==> flow/design.v <==
module ex_as_core_stage #(
    parameter integer DATA_WIDTH = 72
) (
    input  logic aclk,
    input  logic rst_n,
    input  logic [DATA_WIDTH-1:0] da_i,
    input  logic [DATA_WIDTH-1:0] db_i,
    input  logic subtract_i,
    output logic [DATA_WIDTH-1:0] result_o,
    output logic carry_out_o
);
    logic [DATA_WIDTH-1:0] r_da;
    always_ff @(posedge aclk) begin
        if (!rst_n) begin
            r_da <= 0;
        end else begin
            r_da <= da_i;
        end
    end
    logic [DATA_WIDTH-1:0] r_db;
    always_ff @(posedge aclk) begin
        if (!rst_n) begin
            r_db <= 0;
        end else begin
            r_db <= db_i;
        end
    end
    logic r_subtract;
    always_ff @(posedge aclk) begin
        if (!rst_n) begin
            r_subtract <= 1'b0;
        end else begin
            r_subtract <= subtract_i;
        end
    end
    logic [DATA_WIDTH-1:0] aux;
    assign aux = r_db ^ {DATA_WIDTH{r_subtract}};
    logic [DATA_WIDTH:0] val;
    assign val = r_da + aux + r_subtract;
    assign result_o = val[DATA_WIDTH-1:0];
    assign carry_out_o = val[DATA_WIDTH];
endmodule
# Step by step through the tools: ex_as_core_stage

What the tools print for ex_as_core_stage, step after step.
Line numbers count from 1 in the design file above.
Operators: Yosys type, input widths -> output width; for muxes data width and select width s.
Library cell names are shortened.
The mark -- stands for no value.

Design top: ex_as_core_stage
Clock: aclk
Standard-cell library: sky130hd
Library corner: tt_025C_1v80

# After elaboration

Yosys after proc, flatten, opt, wreduce and memory -nomap, before mapping. Enables and synchronous resets that opt folds into registers are not counted as muxes. Memory bits, and registers merged into a memory's read port (data or address), are not among the register bits. Print and check cells are not counted. Equal cells are merged and count once.

$add $sub $neg: 2
Bitwise operators: 1

Operators by type and width:

| operator       | count |
| $add 72x72->73 | 1 |
| $add 73x1->73  | 1 |
| $xor 72x72->72 | 1 |

Cells after elaboration: 6
Register bits after elaboration: 145
Bits of input ports: 147
Output and inout bits: 73

# Longest topological paths

Yosys ltp: most cells in a row. Word level: on the elaborated netlist, between registers, memories and ports. Mapped: between sequential cells and ports; inverters and the memories' decode and read muxes count.

Word-level depth: 3
ABC_AREA: 0
Depth in mapped cells: 15
Mapped depth without buffers: 13

# Synthesis result

The flow's flattened synthesis, as Yosys stat reports it; memories are mapped. The netlist is that of the ABC_AREA named above (0 if unset); the other value can give another one.

Cell types:

| cell type | count | total area (um^2) |
| dfxtp_1   | 145   | 2.9E+03 |
| and2_1    | 145   | 907.12 |
| ha_1      | 72    | 900.864 |
| xor2_1    | 98    | 858.323 |
| a21oi_1   | 82    | 410.394 |
| xnor2_1   | 41    | 359.094 |
| a21o_1    | 46    | 345.331 |
| nand2_1   | 67    | 251.491 |
| o21ai_0   | 47    | 235.226 |
| clkbuf_1  | 48    | 180.173 |
| nand4_1   | 26    | 162.656 |
| nor2_1    | 41    | 153.898 |
| o21bai_1  | 15    | 112.608 |
| o21a_1    | 14    | 105.101 |
| inv_1     | 24    | 90.086 |
| nand3_1   | 13    | 65.062 |
| nor3_1    | 10    | 50.048 |
| a211oi_1  | 6     | 45.043 |

Other cell types: 43; their cells: 91.

Flip-flops: 145
Sequential area: 2902.8 um^2
Buffers: 56
Cell count: 1031
Chip area (Yosys): 8884.8 um^2

# Path before layout

Path of least setup slack by OpenSTA after synthesis, without wires, with an ideal clock, recovery checks aside; 20% of the period is set as input and as output delay. Where synthesis merged equal registers, the netlist keeps one of their names.

Path type: flip-flop to output port
Start point: register r_subtract
End point: output port result_o[58]
Output delay: 1060 ps
Data required time: 4240 ps
Time at the first pin: 0 ps
Clock period: 5300 ps
Arrival time: 3392 ps
Driving pins on the path: 16
Delay of the path: 3392 ps
Path slack: 848 ps
Path buffers: 3
Synthesis period reached: 4452 ps

"delay of the path" is the arrival time less input delay plus setup time.
At an output port there is no setup time.
"driving pins on the path": output pins that drive a net of the path, with the launching flip-flop's if there is one; two outputs of one cell count as two.
"synthesis period reached" = period - worst setup slack (recovery checks aside). The figure is calculated, with input and output delays left at 20% of the set period.
Between the ends stands the longest chain of elaborated cells between them, by number of cells; it is not shown to be the way that was timed. Of several equally long chains one is given.
A line is the first line of the expression or statement that the cell stems from. Yosys adds cells for indexed reads and writes and turns some case tables into memories.

Cells stage by stage: dfxtp_1 -> buf_6 -> clkbuf_1 -> xor2_1 -> ha_1 -> buf_2 -> nand4_1 -> nor4_1 -> a2bb2oi_1 -> o211ai_1 -> a41oi_1 -> a2111oi_2 -> nor2_1 -> o21a_1 -> o31ai_1 -> xor2_1
Cells in the longest elaborated chain: 3
Elaborated cells on any way between the ends: 3
Source lines of those cells: 2
Classes of those cells: 2 x add/sub; 1 x logic

Ends and longest elaborated chain, post-synthesis:

| item               | line | text |
| start: declaration | 28   | `logic r_subtract;` |
| start: assignment  | 31   | `r_subtract <= 1'b0;` |
| start: assignment  | 33   | `r_subtract <= subtract_i;` |
| $xor 72x72->72     | 37   | `assign aux = r_db ^ {DATA_WIDTH{r_subtract}};` |
| $add 72x72->73     | 39   | `assign val = r_da + aux + r_subtract;` |
| $add 73x1->73      | 39   |  |
| end: declaration   | 9    | `output logic [DATA_WIDTH-1:0] result_o,` |

# Timing after layout

From the final timing report of flow run 1: the path of least setup slack in the routed layout; clock arrival at registers is part of the times.
The report prints the path's times to 10 ps; the period is as set.

Path type: flip-flop to output port
Start point: register r_subtract
End point: output port result_o[67]
Arrival time: 4170 ps
Path slack: -1510 ps
Clock period: 3320 ps
Output delay: 660 ps
Data required time: 2660 ps
Path buffers: 5
Driving pins on the path: 18
Time at the first pin: 450 ps

Between the ends stands the longest chain of elaborated cells between them, by number of cells; it is not shown to be the way that was timed. Of several equally long chains one is given.

Cells stage by stage: dfxtp_4 -> buf_8 -> clkbuf_16 -> buf_12 -> xor2_4 -> ha_4 -> buf_6 -> nand2_2 -> and4bb_1 -> o31a_1 -> a211oi_2 -> o21ai_2 -> nand2b_1 -> o211ai_1 -> nand2_2 -> o31ai_2 -> xor2_1 -> buf_2
Cells in the longest elaborated chain: 3
Elaborated cells on any way between the ends: 3
Source lines of those cells: 2
Classes of those cells: 2 x add/sub; 1 x logic

Ends and longest elaborated chain, after layout:

| item               | line | text |
| start: declaration | 28   | `logic r_subtract;` |
| start: assignment  | 31   | `r_subtract <= 1'b0;` |
| start: assignment  | 33   | `r_subtract <= subtract_i;` |
| $xor 72x72->72     | 37   | `assign aux = r_db ^ {DATA_WIDTH{r_subtract}};` |
| $add 72x72->73     | 39   | `assign val = r_da + aux + r_subtract;` |
| $add 73x1->73      | 39   |  |
| end: declaration   | 9    | `output logic [DATA_WIDTH-1:0] result_o,` |

Ticket comment

Stored flow runs of ex_as_core_stage (3 of them; Yosys, OpenROAD, sky130hd). They differ in their settings and are not a sequence. Constraints: input delay and output delay 20% of the set period each, output load 0.01 pF.
"period reached" means the clock period less the worst setup slack. The figure is calculated, with input and output delays left at 20% of the set period.
"time used up by the worst setup path": the worst setup path's part of the clock period (all of it between registers, 20% less for each end at a port) less its slack. A launch clock that arrives late makes it longer, a capture clock that arrives late makes it shorter.
"total power after layout" is the tool's figure for a default switching activity; nothing was simulated.
"time used up by the worst setup path" is known to 10 ps.

## Flow run 1

==> flow/run.sh <==
#!/bin/bash
# the make line also repeats the synthesis and layout settings of config.mk as NAME=value (left out here)
make -C /OpenROAD-flow-scripts/flow DESIGN_CONFIG=/design/flow/config.mk WORK_HOME=/design/flow/orfs CLKGATE_MAP_FILE= finish
==> flow/config.mk <==
export PLATFORM = sky130hd
export DESIGN_NAME = ex_as_core_stage
export DESIGN_NICKNAME = ex_as_core_stage
export VERILOG_FILES = /design/flow/design.v
export SDC_FILE = /design/flow/constraint.sdc
export NUM_CORES = 4
export LEC_CHECK = 0
export CAP_MARGIN = 20
export CORE_MARGIN = 10
export CORE_UTILIZATION = 57
export CTS_CLUSTER_DIAMETER = 147
export CTS_CLUSTER_SIZE = 95
export GPL_ROUTABILITY_DRIVEN = 1
export GPL_TIMING_DRIVEN = 0
export MAX_ROUTING_LAYER = met4
export PLACE_DENSITY = 0.85
export SLEW_MARGIN = 20
export TNS_END_PERCENT = 80
==> flow/constraint.sdc <==
create_clock -name core_clock -period 3.32 [get_ports {aclk}]
set_input_delay 0.6640 -clock core_clock [delete_from_list [all_inputs] [get_ports {aclk}]]
set_output_delay 0.6640 -clock core_clock [all_outputs]
set_load 0.01 [all_outputs]

| result of flow run 1 | value |
|---|---|
| chip area after synthesis (Yosys) | 8884.8 um^2 |
| overall die area | 20981.5 um^2 |
| std-cell area (final layout) | 13546.7 um^2 |
| utilization after routing | 0.888 |
| smallest setup slack | -1510 ps |
| post-route setup TNS | -68237 ps |
| worst hold slack | 791 ps |
| total power after layout | 6.339 mW |
| period reached | 4830 ps |
| time used up by the worst setup path | 4170 ps |
| class of the worst setup path | flip-flop to output port |

## Flow run 2

==> flow/run.sh <==
#!/bin/bash
# the make line also repeats the synthesis and layout settings of config.mk as NAME=value (left out here)
make -C /OpenROAD-flow-scripts/flow DESIGN_CONFIG=/design/flow/config.mk WORK_HOME=/design/flow/orfs CLKGATE_MAP_FILE= finish
==> flow/config.mk <==
export PLATFORM = sky130hd
export DESIGN_NAME = ex_as_core_stage
export DESIGN_NICKNAME = ex_as_core_stage
export VERILOG_FILES = /design/flow/design.v
export SDC_FILE = /design/flow/constraint.sdc
export NUM_CORES = 4
export LEC_CHECK = 0
export CAP_MARGIN = 20
export CORE_MARGIN = 2
export CORE_UTILIZATION = 40
export SLEW_MARGIN = 20
==> flow/constraint.sdc <==
create_clock -name core_clock -period 5.3 [get_ports {aclk}]
set_input_delay 1.0600 -clock core_clock [delete_from_list [all_inputs] [get_ports {aclk}]]
set_output_delay 1.0600 -clock core_clock [all_outputs]
set_load 0.01 [all_outputs]

| result of flow run 2 | value |
|---|---|
| chip area after synthesis (Yosys) | 8884.8 um^2 |
| overall die area | 23419.7 um^2 |
| std-cell area (final layout) | 12331.8 um^2 |
| utilization after routing | 0.565 |
| smallest setup slack | 177 ps |
| post-route setup TNS | 0 ps |
| worst hold slack | 1170 ps |
| total power after layout | 3.687 mW |
| period reached | 5123 ps |
| time used up by the worst setup path | 4060 ps |
| class of the worst setup path | flip-flop to output port |

## Flow run 3

==> flow/run.sh <==
#!/bin/bash
# the make line also repeats the synthesis and layout settings of config.mk as NAME=value (left out here)
make -C /OpenROAD-flow-scripts/flow DESIGN_CONFIG=/design/flow/config.mk WORK_HOME=/design/flow/orfs CLKGATE_MAP_FILE= finish
==> flow/config.mk <==
export PLATFORM = sky130hd
export DESIGN_NAME = ex_as_core_stage
export DESIGN_NICKNAME = ex_as_core_stage
export VERILOG_FILES = /design/flow/design.v
export SDC_FILE = /design/flow/constraint.sdc
export NUM_CORES = 4
export LEC_CHECK = 0
export CAP_MARGIN = 20
export CORE_ASPECT_RATIO = 0.75
export CORE_MARGIN = 2
export CORE_UTILIZATION = 34
export CTS_CLUSTER_DIAMETER = 289
export CTS_CLUSTER_SIZE = 46
export GPL_ROUTABILITY_DRIVEN = 1
export PLACE_DENSITY_LB_ADDON = 0.02
export SLEW_MARGIN = 20
export TNS_END_PERCENT = 80
==> flow/constraint.sdc <==
create_clock -name core_clock -period 4.35 [get_ports {aclk}]
set_input_delay 0.8700 -clock core_clock [delete_from_list [all_inputs] [get_ports {aclk}]]
set_output_delay 0.8700 -clock core_clock [all_outputs]
set_load 0.01 [all_outputs]

| result of flow run 3 | value |
|---|---|
| chip area after synthesis (Yosys) | 8884.8 um^2 |
| overall die area | 27454.1 um^2 |
| std-cell area (final layout) | 14192.4 um^2 |
| utilization after routing | 0.549 |
| smallest setup slack | -347 ps |
| post-route setup TNS | -4767 ps |
| worst hold slack | 1007 ps |
| total power after layout | 4.817 mW |
| period reached | 4697 ps |
| time used up by the worst setup path | 3830 ps |
| class of the worst setup path | flip-flop to output port |
